==> flow/design.v <==
module gen_mul_core_stage #(
  parameter int DATA_W = 4
) (
  input  logic i_clk,
  input  logic reset,
  input  logic [DATA_W-1:0] u_in,
  input  logic [DATA_W-1:0] v_in,
  output logic [DATA_W-1:0] p_out
);
  logic [DATA_W-1:0] u_ff;
  logic [DATA_W-1:0] v_ff;
  always_ff @(posedge i_clk or posedge reset) begin
    if (reset) begin
      u_ff <= '0;
      v_ff <= '0;
      p_out <= '0;
    end else begin
      u_ff <= u_in;
      v_ff <= v_in;
      p_out <= u_ff * v_ff;
    end
  end
endmodule
Reports on gen_mul_core_stage
The steps from the RTL of gen_mul_core_stage to its reports follow in flow order. Lines are those of the file above, counted from 1. Operators: Yosys type, input widths -> output width; for muxes data width and select width s. Library cell names are shortened. A cell with n/a has no value.

Top module: gen_mul_core_stage. Clock: i_clk. Library: sky130hd. Corner: tt_025C_1v80.

After elaboration
Yosys after proc, flatten, opt, wreduce and memory -nomap, before mapping. Enables and synchronous resets that opt folds into registers are not counted as muxes. Memory bits, and registers merged into a memory's read port (data or address), are not among the register bits. Print and check cells are not counted. Equal cells are merged and count once.

The entry for register bits reads 12. The figure for bits of input ports is 10. The figure for output and inout bits is 4.

The figure for $mul is 1.

Operators by type and width (count): $mul 4x4->4 (1).

Longest topological paths
Yosys ltp: most cells in a row. Word level: on the elaborated netlist, between registers, memories and ports. Mapped: between sequential cells and ports; inverters and the memories' decode and read muxes count.

The entry for word-level depth reads 1. ABC_AREA: 0. For depth in mapped cells the number is 7. Under gate-level depth less buffers stands 7.

Netlist
Yosys stat after the flow's synthesis: flattened, memories mapped to cells. It holds for the ABC_AREA given above (unset counts as 0); a run with the other value may have another netlist. Totals and module areas in this step are rounded.

The entry for cells in the netlist reads 32. Under mapped area stands 478.0 um^2. Under sequential area stands 300.3 um^2. For flip-flop cells the number is 12. Buffer cells: 0.

Cell types: dfrtp_1 (count 12, total area 300.288 um^2); ha_1 (count 4, total area 50.048 um^2); and2_2 (count 3, total area 22.522 um^2); xnor3_1 (count 1, total area 22.522 um^2); and2_1 (count 3, total area 18.768 um^2); xnor2_1 (count 2, total area 17.517 um^2); xnor2_2 (count 1, total area 16.266 um^2); nand2_1 (count 3, total area 11.261 um^2); xor2_1 (count 1, total area 8.758 um^2); nand2_2 (count 1, total area 6.256 um^2); inv_1 (count 1, total area 3.754 um^2).

Worst setup path after synthesis
OpenSTA on the mapped netlist: ideal clock, no wires. The path of least setup slack (recovery checks aside). Input and output delay are each 20% of the period. Register names are those of the netlist, which keeps one name where synthesis merged equal registers.

Kind: reg2reg. From: register u_ff[0]. To: register p_out[3]. Under period stands 2.44 ns. Under library setup time stands 0.134 ns. Arrival time: 1.822 ns. Under slack stands 0.484 ns. The figure for path delay is 1.956 ns. For driving pins on the path the number is 8. The figure for buffers on the path is 0. For synthesis period reached the number is 1.956 ns.

"path delay" is the arrival time less input delay plus setup time. "driving pins on the path": output pins that drive a net of the path, with the launching flip-flop's if there is one; two outputs of one cell count as two. "synthesis period reached" is the clock period less the worst setup slack; recovery checks do not enter. This is arithmetic on one report: input and output delays are still those of the set period (20% each). The rows between start and end are the longest chain of elaborated cells between them; the timing report does not say that the signal goes this way. Where chains are equally long, one stands for them. Each line given opens the expression or statement behind the cell; cells for indexed reads and writes are added by Yosys, which also makes memories of some case tables.

Path through: dfrtp_1 and2_2 ha_1 ha_1 ha_1 xnor2_1 xnor2_1 xnor3_1. The figure for cells in the longest elaborated chain is 1.

Ends and longest elaborated chain, post-synthesis: start: declaration (line 10) `logic [DATA_W-1:0] u_ff;`; start: assignment (line 14) `u_ff <= '0;`; start: assignment (line 18) `u_ff <= u_in;`; $mul 4x4->4 (line 20) `p_out <= u_ff * v_ff;`; end: assignment (line 16) `p_out <= '0;`; end: assignment (line 20); end: declaration (line 8) `output logic [DATA_W-1:0] p_out`.

Timing after layout
From the final timing report of entry A: the path of least setup slack in the routed layout; clock arrival at registers is part of the times.

Kind: reg2reg. From: register u_ff[0]. To: register p_out[3]. Under period stands 2.44 ns. Under library setup time stands 0.12 ns. Arrival time: 2.23 ns. Under slack stands 0.34 ns. For driving pins on the path the number is 8. The figure for buffers on the path is 0.

The rows between start and end are the longest chain of elaborated cells between them; the timing report does not say that the signal goes this way. Where chains are equally long, one stands for them.

Path through: dfrtp_1 and2_2 ha_1 ha_1 ha_1 xnor2_1 xnor2_1 xnor3_1. The figure for cells in the longest elaborated chain is 1.

Ends and longest elaborated chain, after layout: start: declaration (line 10) `logic [DATA_W-1:0] u_ff;`; start: assignment (line 14) `u_ff <= '0;`; start: assignment (line 18) `u_ff <= u_in;`; $mul 4x4->4 (line 20) `p_out <= u_ff * v_ff;`; end: assignment (line 16) `p_out <= '0;`; end: assignment (line 20); end: declaration (line 8) `output logic [DATA_W-1:0] p_out`.

Below are 3 stored runs of the flow (Yosys, OpenROAD; platform sky130hd) on gen_mul_core_stage, each with its settings and what was measured, unordered. Constraints: input delay and output delay 20% of the set period each, output load 0.01 pF. "time on the worst setup path" = time allowed to the worst setup path (clock period - input delay - output delay, where it has them) - its slack; a late launch clock adds to it, a late capture clock takes from it. The results are shown rounded.

Files of entry A:
==> flow/run.sh <==
#!/bin/bash
# the make line also repeats the synthesis and layout settings of config.mk as NAME=value (left out here)
make -C /OpenROAD-flow-scripts/flow DESIGN_CONFIG=/design/flow/config.mk WORK_HOME=/design/flow/orfs CLKGATE_MAP_FILE= finish
==> flow/config.mk <==
export PLATFORM = sky130hd
export DESIGN_NAME = gen_mul_core_stage
export DESIGN_NICKNAME = gen_mul_core_stage
export VERILOG_FILES = /design/flow/design.v
export SDC_FILE = /design/flow/constraint.sdc
export NUM_CORES = 4
export LEC_CHECK = 0
export CAP_MARGIN = 20
export CORE_MARGIN = 2
export CORE_UTILIZATION = 40
export SLEW_MARGIN = 20
==> flow/constraint.sdc <==
create_clock -name core_clock -period 2.44 [get_ports {i_clk}]
set_input_delay 0.4880 -clock core_clock [delete_from_list [all_inputs] [get_ports {i_clk}]]
set_output_delay 0.4880 -clock core_clock [all_outputs]
set_load 0.01 [all_outputs]

Results of entry A. The chip area in the Yosys report stands at 478.0 um^2. The area of the die reads 1487 um^2. The standard-cell area after routing stands at 648.1 um^2. The measured lowest setup slack is 0.341 ns. The time on the worst setup path comes to 2.10 ns. Worst path kind: reg2reg.

Files of entry B:
==> flow/run.sh <==
#!/bin/bash
# the make line also repeats the synthesis and layout settings of config.mk as NAME=value (left out here)
make -C /OpenROAD-flow-scripts/flow DESIGN_CONFIG=/design/flow/config.mk WORK_HOME=/design/flow/orfs CLKGATE_MAP_FILE= finish
==> flow/config.mk <==
export PLATFORM = sky130hd
export DESIGN_NAME = gen_mul_core_stage
export DESIGN_NICKNAME = gen_mul_core_stage
export VERILOG_FILES = /design/flow/design.v
export SDC_FILE = /design/flow/constraint.sdc
export NUM_CORES = 4
export LEC_CHECK = 0
export ABC_AREA = 0
export CAP_MARGIN = 20
export CELL_PAD_IN_SITES_DETAIL_PLACEMENT = 0
export CELL_PAD_IN_SITES_GLOBAL_PLACEMENT = 2
export CORE_ASPECT_RATIO = 0.73
export CORE_MARGIN = 9
export CORE_UTILIZATION = 43
export CTS_CLUSTER_DIAMETER = 39
export MAX_ROUTING_LAYER = met5
export PLACE_DENSITY_LB_ADDON = 0.2
export SETUP_SLACK_MARGIN = 0.85
export SLEW_MARGIN = 30
export TNS_END_PERCENT = 95
==> flow/constraint.sdc <==
create_clock -name core_clock -period 2.99 [get_ports {i_clk}]
set_input_delay 0.5980 -clock core_clock [delete_from_list [all_inputs] [get_ports {i_clk}]]
set_output_delay 0.5980 -clock core_clock [all_outputs]
set_load 0.01 [all_outputs]

Outcome of entry B: unfinished; error PDN-0185 in floorplanning.

Files of entry C:
==> flow/run.sh <==
#!/bin/bash
# the make line also repeats the synthesis and layout settings of config.mk as NAME=value (left out here)
make -C /OpenROAD-flow-scripts/flow DESIGN_CONFIG=/design/flow/config.mk WORK_HOME=/design/flow/orfs CLKGATE_MAP_FILE= finish
==> flow/config.mk <==
export PLATFORM = sky130hd
export DESIGN_NAME = gen_mul_core_stage
export DESIGN_NICKNAME = gen_mul_core_stage
export VERILOG_FILES = /design/flow/design.v
export SDC_FILE = /design/flow/constraint.sdc
export NUM_CORES = 4
export LEC_CHECK = 0
export ABC_AREA = 0
export CAP_MARGIN = 20
export CORE_MARGIN = 8
export CORE_UTILIZATION = 22
export CTS_CLUSTER_DIAMETER = 34
export PLACE_DENSITY = 0.8
export SETUP_SLACK_MARGIN = -0.1
export SLEW_MARGIN = 35
==> flow/constraint.sdc <==
create_clock -name core_clock -period 1.19 [get_ports {i_clk}]
set_input_delay 0.2380 -clock core_clock [delete_from_list [all_inputs] [get_ports {i_clk}]]
set_output_delay 0.2380 -clock core_clock [all_outputs]
set_load 0.01 [all_outputs]

Results of entry C. The chip area in the Yosys report stands at 478.0 um^2. The area of the die reads 3920 um^2. The standard-cell area after routing stands at 760.7 um^2. The measured lowest setup slack is -0.605 ns. The time on the worst setup path comes to 1.79 ns. Worst path kind: reg2reg.
